==> flow/design.v <==
module ex_mag_cmp #(
   parameter WD = 96
) (
   input  logic sys_clk,
   input  logic [WD-1:0] src1_in,
   input  logic [WD-1:0] src2_in,
   output logic above_out
);
   logic [WD-1:0] src1_q;
   logic [WD-1:0] src2_q;
   always_ff @(posedge sys_clk) begin
      src1_q <= src1_in;
      src2_q <= src2_in;
   end
   logic [WD:0] carry;
   assign carry[0] = 1'b0;
   for (genvar k = 0; k < WD; k++) begin : slice
      assign carry[k+1] = (src1_q[k] ^ src2_q[k]) ? src1_q[k] : carry[k];
   end
   logic above_q;
   always_ff @(posedge sys_clk) begin
      above_q <= carry[WD];
   end
   assign above_out = above_q;
endmodule
### From RTL to reports: ex_mag_cmp

The steps from the RTL of ex_mag_cmp to its reports follow in flow order.
Lines are those of the file above, counted from 1.
Cell names lack the library's common part.
A cell with - has no value.

| design | value |
|---|---|
| design top | ex_mag_cmp |
| clock input | sys_clk |
| standard-cell library | sky130hd |
| library corner | tt_025C_1v80 |

### After elaboration

Counts by Yosys on the flattened word-level netlist (proc, flatten, opt, wreduce; memories kept). Register bits leave out memories and registers merged into their read ports (data or address); mux counts leave out enables and synchronous resets folded into registers. Print and check cells are left out. Cells with the same type and inputs are merged into one.

| word-level totals | value |
|---|---|
| bits in registers | 193 |
| input port bits | 193 |
| output and inout bits | 1 |
| elaborated cells | 195 |

| operators by class | value |
|---|---|
| muxes and demuxes | 96 |
| bitwise logic cells | 96 |

Operator list:

| cell | number |
|---|---|
| XOR 1 bit | 96 |
| two-way mux 1 bit | 96 |

### Depth

Longest topological path by Yosys (ltp), each cell counted once; first at word level (registers and memories cut), then after technology mapping (sequential cells cut; the memories' decode and read muxes count).

| depth | value |
|---|---|
| depth in word-level cells | 97 |
| ABC_AREA | 0 |
| mapped depth | 8 |
| gate-level depth less buffers | 8 |

### Netlist

Yosys stat after the flow's synthesis: flattened, memories mapped to cells. It holds for the ABC_AREA given above (unset counts as 0); a run with the other value may have another netlist.

| synthesis totals | value |
|---|---|
| standard cells after synthesis | 534 |
| mapped area | 5921.9 um2 |
| sequential part of the area | 3863.7 um2 |
| mapped flip-flops | 193 |
| buffers | 0 |

Cells by type:

| type | number | area in all (um2) |
|---|---|---|
| dfxtp_1 | 193 | 3.86E+03 |
| nand2b_1 | 45 | 281.52 |
| inv_1 | 65 | 243.984 |
| nor2b_1 | 39 | 243.984 |
| a21oi_1 | 23 | 115.11 |
| o22ai_1 | 15 | 93.84 |
| nand2_1 | 21 | 78.826 |
| a31oi_1 | 10 | 62.56 |
| a2111oi_0 | 7 | 61.309 |
| o221ai_1 | 6 | 52.55 |
| nand3_1 | 10 | 50.048 |
| o21ai_0 | 10 | 50.048 |
| a22oi_1 | 6 | 45.043 |
| maj3_1 | 4 | 40.038 |
| o211ai_1 | 5 | 37.536 |
| nand3b_1 | 4 | 30.029 |
| o31ai_1 | 4 | 30.029 |
| a2111oi_4 | 1 | 27.526 |

Other cell types: 37; their cells: 66.

### Path before layout

OpenSTA on the mapped netlist: ideal clock, no wires. The path of least setup slack (recovery checks aside). Input and output delay are each 20% of the period. Register names are those of the netlist, which keeps one name where synthesis merged equal registers.

| path post-synthesis | value |
|---|---|
| kind | register to register |
| from | reg src2_q[0] |
| to | reg above_q |
| clock period | 2.52 ns |
| time at the first pin | 0.000 ns |
| data arrival time | 1.926 ns |
| required time | 2.428 ns |
| setup slack | 0.502 ns |
| path delay | 2.018 ns |
| stages on the path | 9 |
| path buffers | 0 |
| synthesis period reached | 2.018 ns |

"path delay" is the arrival time less input delay plus setup time.
"stages on the path" counts driving pins, that of a launching flip-flop among them; a cell with two outputs on the path counts twice.
"synthesis period reached" is the clock period less the worst setup slack; recovery checks do not enter. This is arithmetic on one report: input and output delays are still those of the set period (20% each).
Between the ends stands the longest chain of elaborated cells between them, by number of cells; it is not shown to be the way that was timed. Of several equally long chains one is given.
A line is the first line of the expression or statement that the cell stems from. Yosys adds cells for indexed reads and writes and turns some case tables into memories.

| on the way, post-synthesis | value |
|---|---|
| path through | dfxtp_1 > nand2b_1 > maj3_2 > maj3_2 > a2111oi_4 > nor3_2 > o211ai_2 > a21oi_1 > o32ai_1 |
| cells in the longest elaborated chain | 97 |
| elaborated cells between the ends (all ways) | 97 |
| source lines of those cells | 1 |
| classes of those cells | mux: 96; logic: 1 |

Ends and longest elaborated chain, post-synthesis:

| what | RTL line | text |
|---|---|---|
| from (decl) | 10 | `logic [WD-1:0] src2_q;` |
| from (assign) | 13 | `src2_q <= src2_in;` |
| XOR 1 bit | 18 | `assign carry[k+1] = (src1_q[k] ^ src2_q[k]) ? src1_q[k] : carry[k];` |
| two-way mux 1 bit x96 | 18 |  |
| to (assign) | 22 | `above_q <= carry[WD];` |
| to (decl) | 20 | `logic above_q;` |

### Worst path after layout

Path of least setup slack in the final report of stored run 1 (OpenROAD, finished layout, wires in). Where an end is a register, its clock arrival counts in the times.

| path after layout | value |
|---|---|
| kind | register to register |
| from | reg src2_q[79] |
| to | reg above_q |
| clock period | 2.52 ns |
| time at the first pin | 0.42 ns |
| data arrival time | 2.52 ns |
| required time | 2.82 ns |
| setup slack | 0.30 ns |
| stages on the path | 9 |
| path buffers | 0 |

Between the ends stands the longest chain of elaborated cells between them, by number of cells; it is not shown to be the way that was timed. Of several equally long chains one is given.

| on the way, after layout | value |
|---|---|
| path through | dfxtp_1 > nor2b_1 > o221ai_1 > a221oi_1 > nand4b_1 > nor4b_2 > nand4_1 > a31oi_1 > o32ai_1 |
| cells in the longest elaborated chain | 18 |
| elaborated cells between the ends (all ways) | 18 |
| source lines of those cells | 1 |
| classes of those cells | mux: 17; logic: 1 |

Ends and longest elaborated chain, after layout:

| what | RTL line | text |
|---|---|---|
| from (decl) | 10 | `logic [WD-1:0] src2_q;` |
| from (assign) | 13 | `src2_q <= src2_in;` |
| XOR 1 bit | 18 | `assign carry[k+1] = (src1_q[k] ^ src2_q[k]) ? src1_q[k] : carry[k];` |
| two-way mux 1 bit x17 | 18 |  |
| to (assign) | 22 | `above_q <= carry[WD];` |
| to (decl) | 20 | `logic above_q;` |

Subject: flow runs of ex_mag_cmp

Hi,

Below are 3 stored runs of the flow (Yosys, OpenROAD; platform sky130hd) on ex_mag_cmp, each with its settings and what was measured, unordered. Constraints: input delay and output delay 20% of the set period each, output load 0.01 pF.
"achieved period" = clock period - worst setup slack. The figure is calculated, with input and output delays left at 20% of the set period.
By "worst path time" is meant the share of the clock period that the worst setup path is allowed (20% is reserved at inputs, 20% at outputs), minus its slack. Clock arrival times at its registers enter into it.
By "overall power" is meant OpenSTA's value without simulated activity: inputs other than the clock are taken to toggle once in ten clock periods, and the tool carries that through the logic.
Among the settings, - means not set for that run.
A result given as - is not shown for that run.

| run name | period_ns | CAP_MARGIN | CORE_MARGIN | CORE_UTILIZATION | SLEW_MARGIN | SETUP_SLACK_MARGIN | PLACE_DENSITY_LB_ADDON | HOLD_SLACK_MARGIN | CELL_PAD_IN_SITES_GLOBAL_PLACEMENT | CELL_PAD_IN_SITES_DETAIL_PLACEMENT | CTS_CLUSTER_SIZE | MIN_ROUTING_LAYER | PLACE_DENSITY | TNS_END_PERCENT | GPL_ROUTABILITY_DRIVEN | CTS_CLUSTER_DIAMETER | post-route utilization | std-cell area (final layout) (um2) | achieved period (ns) | overall power (µW) | die area (um2) | lowest setup slack (ns) | worst path time (ns) | critical path kind | cell area after synthesis (um2) | final setup TNS (ns) | post-route worst hold slack (ns) |
|---|---|---|---|---|---|---|---|---|---|---|---|---|---|---|---|---|---|---|---|---|---|---|---|---|---|---|---|
| stored run 1 | 2.52 | 20 | 2 | 40 | 20 | - | - | - | - | - | - | - | - | - | - | - | 0.606 | 8773.4 | 2.222 | 6803 | 15794.2 | 0.298 | 2.22 | register to register | 5921.9 | 0.000 | 0.515 |
| stored run 2 | 2.62 | 5 | 2 | 67 | 30 | -0.11 | 0.07 | -0.08 | 0 | 1 | 73 | met1 | - | - | - | - | - | - | - | - | - | - | - | - | - | - | - |
| stored run 3 | 2.1 | 20 | 2 | 39 | 30 | -0.06 | - | 0.05 | - | - | - | - | 0.74 | 5 | 0 | 44 | 0.589 | 8859.8 | 2.049 | 8013 | 16186.2 | 0.051 | 2.05 | register to register | 5921.9 | 0.000 | 0.444 |

Stored run 2: did not finish, placement stopped with DPL-0033

Regards
